==> flow/design.v <==
module ex_diff_unit_rtl (CLK, aresetn, in0, in1, dir, d, co);
   parameter W = 48;
   input CLK;
   input aresetn;
   input signed [W-1:0] in0;
   input signed [W-1:0] in1;
   input dir;
   output [W-1:0] d;
   output co;
   wire [W-1:0] t2;
   assign t2 = in1 ^ {W{dir}};
   wire [W-1:0] t;
   assign t = $unsigned(in0) + t2 + dir;
   reg [W-1:0] r_d;
   always @(posedge CLK or negedge aresetn) begin
      if (~aresetn) begin
         r_d <= 0;
      end else begin
         r_d <= t[W-1:0];
      end
   end
   assign d = r_d;
   reg r_co;
   always @(posedge CLK or negedge aresetn) begin
      if (~aresetn) begin
         r_co <= 1'b0;
      end else begin
         r_co <= (in0[W-1] == t2[W-1]) && (t[W-1] != in0[W-1]);
      end
   end
   assign co = r_co;
endmodule
## Step by step through the tools: ex_diff_unit_rtl

The steps from the RTL of ex_diff_unit_rtl to its reports follow in flow order.
Lines are those of the file above, counted from 1.
Cell names lack the library's common part.
Not given: -

| set-up | value |
|---|---|
| top | ex_diff_unit_rtl |
| clock port | CLK |
| cell library | sky130hd |
| library corner | tt_025C_1v80 |

## Word-level counts

Counts by Yosys on the flattened word-level netlist (proc, flatten, opt, wreduce; memories kept). Register bits leave out memories and registers merged into their read ports (data or address); mux counts leave out enables and synchronous resets folded into registers. Print and check cells are left out. Cells with the same type and inputs are merged into one.

| word-level totals | value |
|---|---|
| bits of input ports | 99 |
| register bits | 49 |
| output and inout bits | 49 |

| cells by class | value |
|---|---|
| reductions and logical operators | 1 |
| bitwise gates (word level) | 1 |
| equality and inequality tests | 2 |
| add/subtract/negate cells | 2 |

Operator list:

| kind | count |
|---|---|
| 48-bit by 1-bit adder with 48-bit output | 1 |
| 48-bit adder | 1 |
| 48-bit XOR | 1 |
| 1-bit equality test | 1 |
| 1-bit inequality test | 1 |
| 1-bit logical AND | 1 |

## Logic depth

Longest topological path by Yosys (ltp), each cell counted once; first at word level (registers and memories cut), then after technology mapping (sequential cells cut; the memories' decode and read muxes count).

| depth | value |
|---|---|
| depth after elaboration | 5 |
| ABC_AREA | 0 |
| gate-level depth with buffers | 14 |
| gate-level depth less buffers | 12 |

## Mapped cells and area

The flow's flattened synthesis, as Yosys stat reports it; memories are mapped. The netlist is that of the ABC_AREA named above (0 if unset); the other value can give another one.
Totals and module areas in this step are rounded.

| synthesis totals | value |
|---|---|
| cells in the netlist | 480 |
| cell area after synthesis | 0.00432 sq mm |
| mapped flip-flops | 49 |

Cells by type:

| cell type | count | total area (sq um) |
|---|---|---|
| dfrtp_1 | 49 | 1.23E+03 |
| xor2_1 | 66 | 578.054 |
| ha_1 | 46 | 575.552 |
| a21oi_1 | 54 | 270.259 |
| xnor2_1 | 26 | 227.718 |
| a21o_1 | 28 | 210.202 |
| o21ai_0 | 22 | 110.106 |
| nand2_1 | 25 | 93.84 |
| nor2_1 | 23 | 86.333 |
| nand4_1 | 12 | 75.072 |
| nand3_1 | 14 | 70.067 |
| o21bai_1 | 8 | 60.058 |
| inv_1 | 14 | 52.55 |
| clkbuf_1 | 13 | 48.797 |
| nor3_1 | 9 | 45.043 |
| and2_1 | 7 | 43.792 |
| o31ai_1 | 5 | 37.536 |
| nand2b_1 | 5 | 31.28 |

Other cell types: 32; their cells: 54.

## Path before layout

Source: OpenSTA report_checks on the synthesized netlist (no wires, ideal clock, input and output delay 20% of the period each), path of least setup slack; recovery checks are left aside. Register names are those of the netlist, which keeps one name where synthesis merged equal registers.

| path post-synthesis | value |
|---|---|
| path type | in2reg |
| from | in dir |
| to | reg r_d[44] |
| clock period | 4940 ps |
| library setup time | 80 ps |
| required time | 4860 ps |
| stages on the path | 13 |
| input delay | 988 ps |
| data arrival time | 4071 ps |
| path delay | 3163 ps |
| path slack | 789 ps |
| launch time at the first pin | 988 ps |
| synthesis period reached | 4151 ps |

"path delay" = arrival - input delay + setup time.
"stages on the path": output pins that drive a net of the path, with the launching flip-flop's if there is one; two outputs of one cell count as two.
"synthesis period reached" = period - worst setup slack (recovery checks aside). The figure is calculated, with input and output delays left at 20% of the set period.
The rows between start and end are the longest chain of elaborated cells between them; the timing report does not say that the signal goes this way. Where chains are equally long, one stands for them.
Each line given opens the expression or statement behind the cell; cells for indexed reads and writes are added by Yosys, which also makes memories of some case tables.

| on the way, post-synthesis | value |
|---|---|
| cells stage by stage | buf_1 -> buf_1 -> xor2_1 -> ha_1 -> nand3_1 -> a211o_1 -> a31oi_2 -> o2111ai_2 -> a2111oi_4 -> nor2_1 -> and2_4 -> o31ai_2 -> xnor2_1 |
| cells in the longest elaborated chain | 3 |
| elaborated cells between the ends (all ways) | 3 |

RTL lines, path post-synthesis:

| what | RTL line | RTL |
|---|---|---|
| from (decl) | 7 | `input dir;` |
| 48-bit XOR | 11 | `assign t2 = in1 ^ {W{dir}};` |
| 48-bit adder | 13 | `assign t = $unsigned(in0) + t2 + dir;` |
| 48-bit by 1-bit adder with 48-bit output | 13 |  |
| to (assign) | 17 | `r_d <= 0;` |
| to (assign) | 19 | `r_d <= t[W-1:0];` |
| to (decl) | 14 | `reg [W-1:0] r_d;` |

## Worst path after layout

Path of least setup slack in the final report of flow run 1 (OpenROAD, finished layout, wires in). Where an end is a register, its clock arrival counts in the times.
The report prints the path's times to 10 ps; the period is as set.

| path after layout | value |
|---|---|
| path type | in2reg |
| from | in dir |
| to | reg r_d[46] |
| data arrival time | 4270 ps |
| library setup time | 100 ps |
| path slack | 860 ps |
| input delay | 990 ps |
| clock period | 4940 ps |
| required time | 5130 ps |
| stages on the path | 13 |
| launch time at the first pin | 990 ps |

The rows between start and end are the longest chain of elaborated cells between them; the timing report does not say that the signal goes this way. Where chains are equally long, one stands for them.

| on the way, after layout | value |
|---|---|
| cells stage by stage | buf_2 -> xor2_1 -> inv_1 -> fa_1 -> nand2b_1 -> a211o_1 -> a31oi_2 -> o2111ai_2 -> a2111oi_4 -> nor3_1 -> o31ai_1 -> a21oi_1 -> xnor2_1 |
| cells in the longest elaborated chain | 3 |
| elaborated cells between the ends (all ways) | 3 |

RTL lines, path after layout:

| what | RTL line | RTL |
|---|---|---|
| from (decl) | 7 | `input dir;` |
| 48-bit XOR | 11 | `assign t2 = in1 ^ {W{dir}};` |
| 48-bit adder | 13 | `assign t = $unsigned(in0) + t2 + dir;` |
| 48-bit by 1-bit adder with 48-bit output | 13 |  |
| to (assign) | 17 | `r_d <= 0;` |
| to (assign) | 19 | `r_d <= t[W-1:0];` |
| to (decl) | 14 | `reg [W-1:0] r_d;` |

==> runs of ex_diff_unit_rtl <==
Stored flow runs of ex_diff_unit_rtl (3 of them; Yosys, OpenROAD, sky130hd). They differ in their settings and are not a sequence. Constraints: input delay and output delay 20% of the set period each, output load 0.01 pF.
"period achieved": clock period set for the run, less the worst setup slack. It is reckoned from that one timing run; input and output delays stay at 20% of the period that was set.
"critical path time": the worst setup path's part of the clock period (all of it between registers, 20% less for each end at a port) less its slack. A launch clock that arrives late makes it longer, a capture clock that arrives late makes it shorter.
"total power after layout" rests on the timing tool's default activity at the inputs, not on a simulated workload.
"critical path time" is given in steps of 10 ps.
Values from the reports are rounded here.
Among the settings, - means not set for that run.

| setting or result | flow run 1 | flow run 2 | flow run 3 |
|---|---|---|---|
| period_ns | 4.94 | 6.15 | 4.17 |
| CAP_MARGIN | 20 | 10 | 15 |
| CORE_MARGIN | 2 | 7 | 2 |
| CORE_UTILIZATION | 40 | 50 | 50 |
| SLEW_MARGIN | 20 | 20 | 20 |
| SETUP_SLACK_MARGIN | - | 1.23 | 0.09 |
| PLACE_DENSITY | - | 0.93 | 0.55 |
| CORE_ASPECT_RATIO | - | 1.14 | - |
| ABC_AREA | - | 0 | - |
| GPL_TIMING_DRIVEN | - | 1 | 1 |
| CTS_CLUSTER_DIAMETER | - | 166 | - |
| GPL_ROUTABILITY_DRIVEN | - | - | 0 |
| CTS_CLUSTER_SIZE | - | - | 95 |
| MAX_ROUTING_LAYER | - | - | met4 |
| Yosys chip area after synthesis (sq mm) | 0.00432 | 0.00432 | 0.00432 |
| area inside the die boundary (sq mm) | 0.0116 | 0.0114 | 0.0094 |
| standard-cell area after layout (sq mm) | 0.00599 | 0.00595 | 0.00605 |
| post-route utilization (%) | 57.5 | 70.3 | 72.9 |
| lowest setup slack (ps) | 859 | 1680 | 375 |
| summed negative setup slack (ps) | 0 | 0 | 0 |
| total power after layout (mW) | 1.83 | 1.50 | 2.30 |
| period achieved (ps) | 4081 | 4472 | 3795 |
| critical path time (ps) | 3090 | 3240 | 2960 |
| kind of the worst setup path | in2reg | in2reg | in2reg |
